==> flow/design.v <==
module ex_shift_unit_v2 #(
  parameter NBITS = 14,
  parameter SEL_WIDTH = $clog2(NBITS)
) (
  input logic clock,
  input logic [NBITS-1:0] bus,
  input logic [NBITS-1:0] rhs,
  input logic [SEL_WIDTH-1:0] amt,
  output logic [NBITS-1:0] res
);
  logic [NBITS-1:0] r_bus;
  logic [NBITS-1:0] r_rhs;
  logic [SEL_WIDTH-1:0] r_amt;
  always_ff @(posedge clock) begin
    r_bus <= bus;
    r_rhs <= rhs;
    r_amt <= amt;
  end
  logic [2*NBITS-1:0] t;
  assign t = {r_rhs, r_bus} >> r_amt;
  assign res = t[NBITS-1:0];
endmodule
Reports on ex_shift_unit_v2

The steps from the RTL of ex_shift_unit_v2 to its reports follow in flow order.
Line numbers count from 1 in the design file above.
Operators: Yosys type, input widths -> output width; for muxes data width and select width s.
Library cell names are shortened.
Not given: n/a

Top: ex_shift_unit_v2
Clock input: clock
Library: sky130hd
Library corner: tt_025C_1v80

Elaborated design

Yosys after proc, flatten, opt, wreduce and memory -nomap, before mapping. Enables and synchronous resets that opt folds into registers are not counted as muxes. Memory bits, and registers merged into a memory's read port (data or address), are not among the register bits. Print and check cells are not counted. Equal cells are merged and count once.

Register bits after elaboration: 32
Word-level cells: 4

Shifts and indexed selects: 1

Operators by type and width:

| cell          | count |
| $shr 28x4->14 | 1 |

Longest topological paths

Depth = most cells in a row (Yosys ltp): at word level without a register or memory, in the mapped netlist without a sequential cell, where the memories' decode and read muxes count.

Depth in word-level cells: 1
ABC_AREA: 0
Depth in mapped cells: 7

After synthesis

The flow's flattened synthesis, as Yosys stat reports it; memories are mapped. The netlist is that of the ABC_AREA named above (0 if unset); the other value can give another one.

Cells in the netlist: 156
Synthesis area: 0.0017517 sq mm
Sequential area: 0.0006406 sq mm
Flip-flop cells: 32

Cell types:

| cell type | count |
| dfxtp_1   | 32 |
| mux4_2    | 12 |
| mux2i_1   | 25 |
| mux2_2    | 11 |
| nand2_1   | 13 |
| a22oi_1   | 5 |
| buf_4     | 5 |
| nor2b_1   | 4 |
| o22ai_1   | 4 |
| a221o_1   | 2 |
| nand2b_1  | 3 |
| nor2_1    | 5 |
| o221ai_1  | 2 |
| a211oi_1  | 2 |
| a21oi_1   | 3 |
| mux2_4    | 1 |
| o211ai_1  | 2 |
| o21ai_0   | 3 |

Other cell types: 17; their cells: 22.

Path before layout

Path of least setup slack by OpenSTA after synthesis, without wires, with an ideal clock, recovery checks aside; 20% of the period is set as input and as output delay. Where synthesis merged equal registers, the netlist keeps one of their names.

Path kind: flip-flop to output port
Start point: register r_amt[0]
End point: output port res[5]
Clock period: 2.53 ns
Launch time at the first pin: 0.000 ns
Arrival: 1.622 ns
Required time: 2.024 ns
Slack: 0.402 ns
Path delay: 1.622 ns
Driving pins on the path: 6
Buffers on the path: 2
Synthesis period reached: 2.128 ns

"path delay" = arrival - input delay + setup time.
At an output port there is no setup time.
"driving pins on the path": output pins that drive a net of the path, with the launching flip-flop's if there is one; two outputs of one cell count as two.
"synthesis period reached" = period - worst setup slack (recovery checks aside). The figure is calculated, with input and output delays left at 20% of the set period.
Between the ends stands the longest chain of elaborated cells between them, by number of cells; it is not shown to be the way that was timed. Of several equally long chains one is given.
A line is the first line of the expression or statement that the cell stems from. Yosys adds cells for indexed reads and writes and turns some case tables into memories.

Cells stage by stage: dfxtp_1 > buf_4 > buf_4 > nor3b_1 > or3_1 > a222oi_1
Length of the longest elaborated chain: 1

RTL lines, path post-synthesis:

| item          | line | source |
| from (decl)   | 13   | `logic [SEL_WIDTH-1:0] r_amt;` |
| from (assign) | 17   | `r_amt <= amt;` |
| $shr 28x4->14 | 20   | `assign t = {r_rhs, r_bus} >> r_amt;` |
| to (decl)     | 9    | `output logic [NBITS-1:0] res` |

Path in the finished layout

From the final timing report of flow run 1: the path of least setup slack in the routed layout; clock arrival at registers is part of the times.

Path kind: flip-flop to output port
Start point: register r_amt[2]
End point: output port res[1]
Clock period: 1.68 ns
Launch time at the first pin: 0.27 ns
Arrival: 2.00 ns
Required time: 1.34 ns
Slack: -0.65 ns
Driving pins on the path: 7
Buffers on the path: 2

Between the ends stands the longest chain of elaborated cells between them, by number of cells; it is not shown to be the way that was timed. Of several equally long chains one is given.

Cells stage by stage: dfxtp_4 > buf_6 > mux2_4 > mux4_2 > nand2_1 > o211ai_1 > buf_2
Length of the longest elaborated chain: 1

RTL lines, path after layout:

| item          | line | source |
| from (decl)   | 13   | `logic [SEL_WIDTH-1:0] r_amt;` |
| from (assign) | 17   | `r_amt <= amt;` |
| $shr 28x4->14 | 20   | `assign t = {r_rhs, r_bus} >> r_amt;` |
| to (decl)     | 9    | `output logic [NBITS-1:0] res` |

Wiki page: ex_shift_unit_v2 / flow data

ex_shift_unit_v2 through Yosys and OpenROAD on sky130hd: 3 stored runs, unordered, with their settings and measured results. The constraints put input and output delay at 20% of the set period each and load the outputs with 0.01 pF.
"worst path time": the worst setup path's part of the clock period (all of it between registers, 20% less for each end at a port) less its slack. A launch clock that arrives late makes it longer, a capture clock that arrives late makes it shorter.
"overall power" is the tool's figure for a default switching activity; nothing was simulated.
Among the settings, . means not set for that run.

| setting or result                       | flow run 1               | flow run 2               | flow run 3               |
| period_ns                               | 1.68                     | 2.53                     | 1.83                     |
| CORE_UTILIZATION                        | 35                       | 40                       | 22                       |
| SETUP_SLACK_MARGIN                      | 0.25                     | .                        | -0.05                    |
| TNS_END_PERCENT                         | 5                        | .                        | .                        |
| GPL_TIMING_DRIVEN                       | 1                        | .                        | 0                        |
| CAP_MARGIN                              | 0                        | 20                       | 20                       |
| SLEW_MARGIN                             | 20                       | 20                       | 20                       |
| CORE_MARGIN                             | 2                        | 2                        | 6                        |
| CORE_ASPECT_RATIO                       | .                        | .                        | 1.23                     |
| CELL_PAD_IN_SITES_GLOBAL_PLACEMENT      | .                        | .                        | 2                        |
| post-synthesis cell area (sq mm)        | 0.0017517                | 0.0017517                | 0.0017517                |
| full die area (sq mm)                   | 0.0055868                | 0.0049245                | 0.0102588                |
| standard-cell area after layout (sq mm) | 0.0027489                | 0.0027539                | 0.0030242                |
| utilization (%)                         | 57.4                     | 64.1                     | 39.9                     |
| worst setup slack after layout (ns)     | -0.653                   | -0.015                   | -0.527                   |
| final setup TNS (ns)                    | -7.363                   | -0.022                   | -6.352                   |
| overall power (µW)                      | 1965                     | 1377                     | 1916                     |
| worst path time (ns)                    | 2.00                     | 2.04                     | 1.99                     |
| worst setup path kind                   | flip-flop to output port | flip-flop to output port | flip-flop to output port |
